==> flow/design.v <==
module u_barrel #(
  parameter DWIDTH = 8,
  parameter LOGN = $clog2(DWIDTH)
) (
  input  wire ck,
  input  wire RST,
  input  wire enable,
  input  wire [DWIDTH-1:0] ch,
  input  wire [LOGN-1:0] sh,
  output reg [DWIDTH-1:0] y
);
  always @(posedge ck) begin
    if (RST) begin
      y <= 0;
    end else if (enable) begin
      y <= ch >> sh;
    end
  end
endmodule
From RTL to reports: u_barrel
Tool output for the design above, in the order of the flow.
Line numbers count from 1 in the design file above.
Library cell names are shortened.
The mark -- stands for no value.
Design
  top: u_barrel
  clock input: ck
  cell library: sky130hd
  timing corner: tt_025C_1v80

Elaborated design
Yosys after proc, flatten, opt, wreduce and memory -nomap, before mapping. Enables and synchronous resets that opt folds into registers are not counted as muxes. Memory bits, and registers merged into a memory's read port (data or address), are not among the register bits. Print and check cells are not counted. Equal cells are merged and count once.
Storage and ports
  output and inout bits: 8
  elaborated cells: 2
  register bits after elaboration: 8
  input port bits: 14
Cells by class
  shift operators: 1
Operators by type and width (count)
  8-bit by 3-bit right shift with 8-bit output: 1

Logic depth
Longest topological path by Yosys (ltp), each cell counted once; first at word level (registers and memories cut), then after technology mapping (sequential cells cut; the memories' decode and read muxes count).
Logic depth
  depth after elaboration: 1
  ABC_AREA: 0
  gate-level depth with buffers: 5
  gate-level depth less buffers: 4

Mapped cells and area
The flow's flattened synthesis, as Yosys stat reports it; memories are mapped. The netlist is that of the ABC_AREA named above (0 if unset); the other value can give another one.
Mapped netlist
  cell area after synthesis: 514.2 µm²
  buffers: 3
  sequential area: 160.2 µm²
  cells in the netlist: 50
  flip-flops: 8
Cells by type
  dfxtp_1: count 8, total area 160.154 µm²
  mux4_1: count 3, total area 78.826 µm²
  mux2i_1: count 4, total area 40.038 µm²
  nor2_1: count 8, total area 30.029 µm²
  a22oi_1: count 3, total area 22.522 µm²
  mux4_2: count 1, total area 22.522 µm²
  a211oi_1: count 2, total area 15.014 µm²
  a221oi_2: count 1, total area 15.014 µm²
  buf_6: count 1, total area 11.261 µm²
  mux2_2: count 1, total area 11.261 µm²
  nand2_1: count 3, total area 11.261 µm²
  a21oi_1: count 2, total area 10.01 µm²
  and3b_1: count 1, total area 8.758 µm²
  o2bb2ai_1: count 1, total area 8.758 µm²
  or3b_1: count 1, total area 8.758 µm²
  buf_4: count 1, total area 7.507 µm²
  nand3b_1: count 1, total area 7.507 µm²
  nor3b_1: count 1, total area 7.507 µm²
Not listed: further types 7, cells in them 7.

Worst setup path after synthesis
Path of least setup slack by OpenSTA after synthesis, without wires, with an ideal clock, recovery checks aside; 20% of the period is set as input and as output delay. Where synthesis merged equal registers, the netlist keeps one of their names.
Timing path post-synthesis
  path type: input to register
  start: input sh[1]
  end: register y[0]
  delay of the path: 1010 ps
  setup time: 124 ps
  arrival time: 1202 ps
  input delay: 316 ps
  stages: 4
  slack: 254 ps
  data required time: 1456 ps
  clock period: 1580 ps
  buffers on the path: 1
  launch time at the first pin: 316 ps
  synthesis period reached: 1326 ps
"delay of the path" = arrival - input delay + setup time.
"stages" counts driving pins, that of a launching flip-flop among them; a cell with two outputs on the path counts twice.
"synthesis period reached" = period - worst setup slack (recovery checks aside). The figure is calculated, with input and output delays left at 20% of the set period.
The rows between start and end are the longest chain of elaborated cells between them; the timing report does not say that the signal goes this way. Where chains are equally long, one stands for them.
Each line given opens the expression or statement behind the cell; cells for indexed reads and writes are added by Yosys, which also makes memories of some case tables.
On the way, post-synthesis
  path through: buf_6 mux4_2 a221oi_2 nor2_1
  length of the longest elaborated chain: 1
  elaborated cells on any way between the ends: 1
  source lines of those cells: 1
  classes of those cells: 1 x shift
RTL lines, path post-synthesis
  from (decl): RTL line 9  | input  wire [LOGN-1:0] sh,
  8-bit by 3-bit right shift with 8-bit output: RTL line 16  | y <= ch >> sh;
  to (assign): RTL line 14  | y <= 0;
  to (assign): RTL line 16
  to (decl): RTL line 10  | output reg [DWIDTH-1:0] y

Worst path after layout
Path of least setup slack in the final report of entry A (OpenROAD, finished layout, wires in). Where an end is a register, its clock arrival counts in the times.
The report prints the path's times to 10 ps; the period is as set.
Timing path after layout
  path type: input to register
  start: input ch[3]
  end: register y[0]
  buffers on the path: 1
  arrival time: 1580 ps
  stages: 4
  setup time: 120 ps
  input delay: 320 ps
  launch time at the first pin: 320 ps
  data required time: 1700 ps
  slack: 120 ps
  clock period: 1580 ps
The rows between start and end are the longest chain of elaborated cells between them; the timing report does not say that the signal goes this way. Where chains are equally long, one stands for them.
On the way, after layout
  path through: clkdlybuf4s50_1 mux4_2 a221oi_2 nor2_1
  length of the longest elaborated chain: 1
  elaborated cells on any way between the ends: 1
  source lines of those cells: 1
  classes of those cells: 1 x shift
RTL lines, path after layout
  from (decl): RTL line 8  | input  wire [DWIDTH-1:0] ch,
  8-bit by 3-bit right shift with 8-bit output: RTL line 16  | y <= ch >> sh;
  to (assign): RTL line 14  | y <= 0;
  to (assign): RTL line 16
  to (decl): RTL line 10  | output reg [DWIDTH-1:0] y

Settings and measured results of 3 stored flow runs for module u_barrel (sky130hd), not sorted in any way. The constraints put input and output delay at 20% of the set period each and load the outputs with 0.01 pF.
"clock period reached": clock period set for the run, less the worst setup slack. It is reckoned from that one timing run; input and output delays stay at 20% of the period that was set.
"time of the worst setup path" means the part of the period allowed to the worst setup path (the constraints hold back 20% at inputs and 20% at outputs) less its slack; where the path has registers, the arrival times of their clocks count too.
"total power of the final layout": no workload was simulated; the value follows from the tool's default switching activity.
"time of the worst setup path" is given in steps of 10 ps.

==> entry A: settings <==
{ "period_ns": 1.58, "CAP_MARGIN": 20, "CORE_MARGIN": 2, "CORE_UTILIZATION": 40, "SLEW_MARGIN": 20 }
==> entry A: results <==
time of the worst setup path: 1,140 ps
critical path kind: input to register
post-route utilization: 72.5%
standard-cell area after layout: 838.3 µm²
setup slack of the critical path: 124 ps
setup total negative slack: 0 ps
clock period reached: 1,456 ps
post-route worst hold slack: 462 ps
total power of the final layout: 535.4 uW
post-synthesis cell area: 514.2 µm²
area inside the die boundary: 1,588.4 µm²

==> entry B: settings <==
{ "period_ns": 1.37, "CORE_UTILIZATION": 21, "PLACE_DENSITY": 0.6, "CORE_ASPECT_RATIO": 0.87, "CORE_MARGIN": 4, "CELL_PAD_IN_SITES_DETAIL_PLACEMENT": 0, "ABC_AREA": 1, "CTS_CLUSTER_DIAMETER": 77, "CAP_MARGIN": 20, "SLEW_MARGIN": 20 }
==> entry B: results <==
time of the worst setup path: 950 ps
critical path kind: input to register
post-route utilization: 34.8%
standard-cell area after layout: 815.8 µm²
setup slack of the critical path: 146 ps
setup total negative slack: 0 ps
clock period reached: 1,224 ps
post-route worst hold slack: 461 ps
total power of the final layout: 605 uW
post-synthesis cell area: 535.5 µm²
area inside the die boundary: 3,423.9 µm²

==> entry C: settings <==
{ "period_ns": 1.52, "CORE_UTILIZATION": 29, "SETUP_SLACK_MARGIN": 0.43, "PLACE_DENSITY_LB_ADDON": 0.21, "CORE_ASPECT_RATIO": 0.93, "CORE_MARGIN": 2, "CELL_PAD_IN_SITES_GLOBAL_PLACEMENT": 2, "CELL_PAD_IN_SITES_DETAIL_PLACEMENT": 1, "ABC_AREA": 0, "GPL_TIMING_DRIVEN": 1, "CTS_CLUSTER_DIAMETER": 36, "CAP_MARGIN": 5, "SLEW_MARGIN": 25 }
==> entry C: results <==
time of the worst setup path: 750 ps
critical path kind: input to register
post-route utilization: 50.8%
standard-cell area after layout: 837.1 µm²
setup slack of the critical path: 462 ps
setup total negative slack: 0 ps
clock period reached: 1,058 ps
post-route worst hold slack: 416 ps
total power of the final layout: 575.8 uW
post-synthesis cell area: 514.2 µm²
area inside the die boundary: 2,126.3 µm²
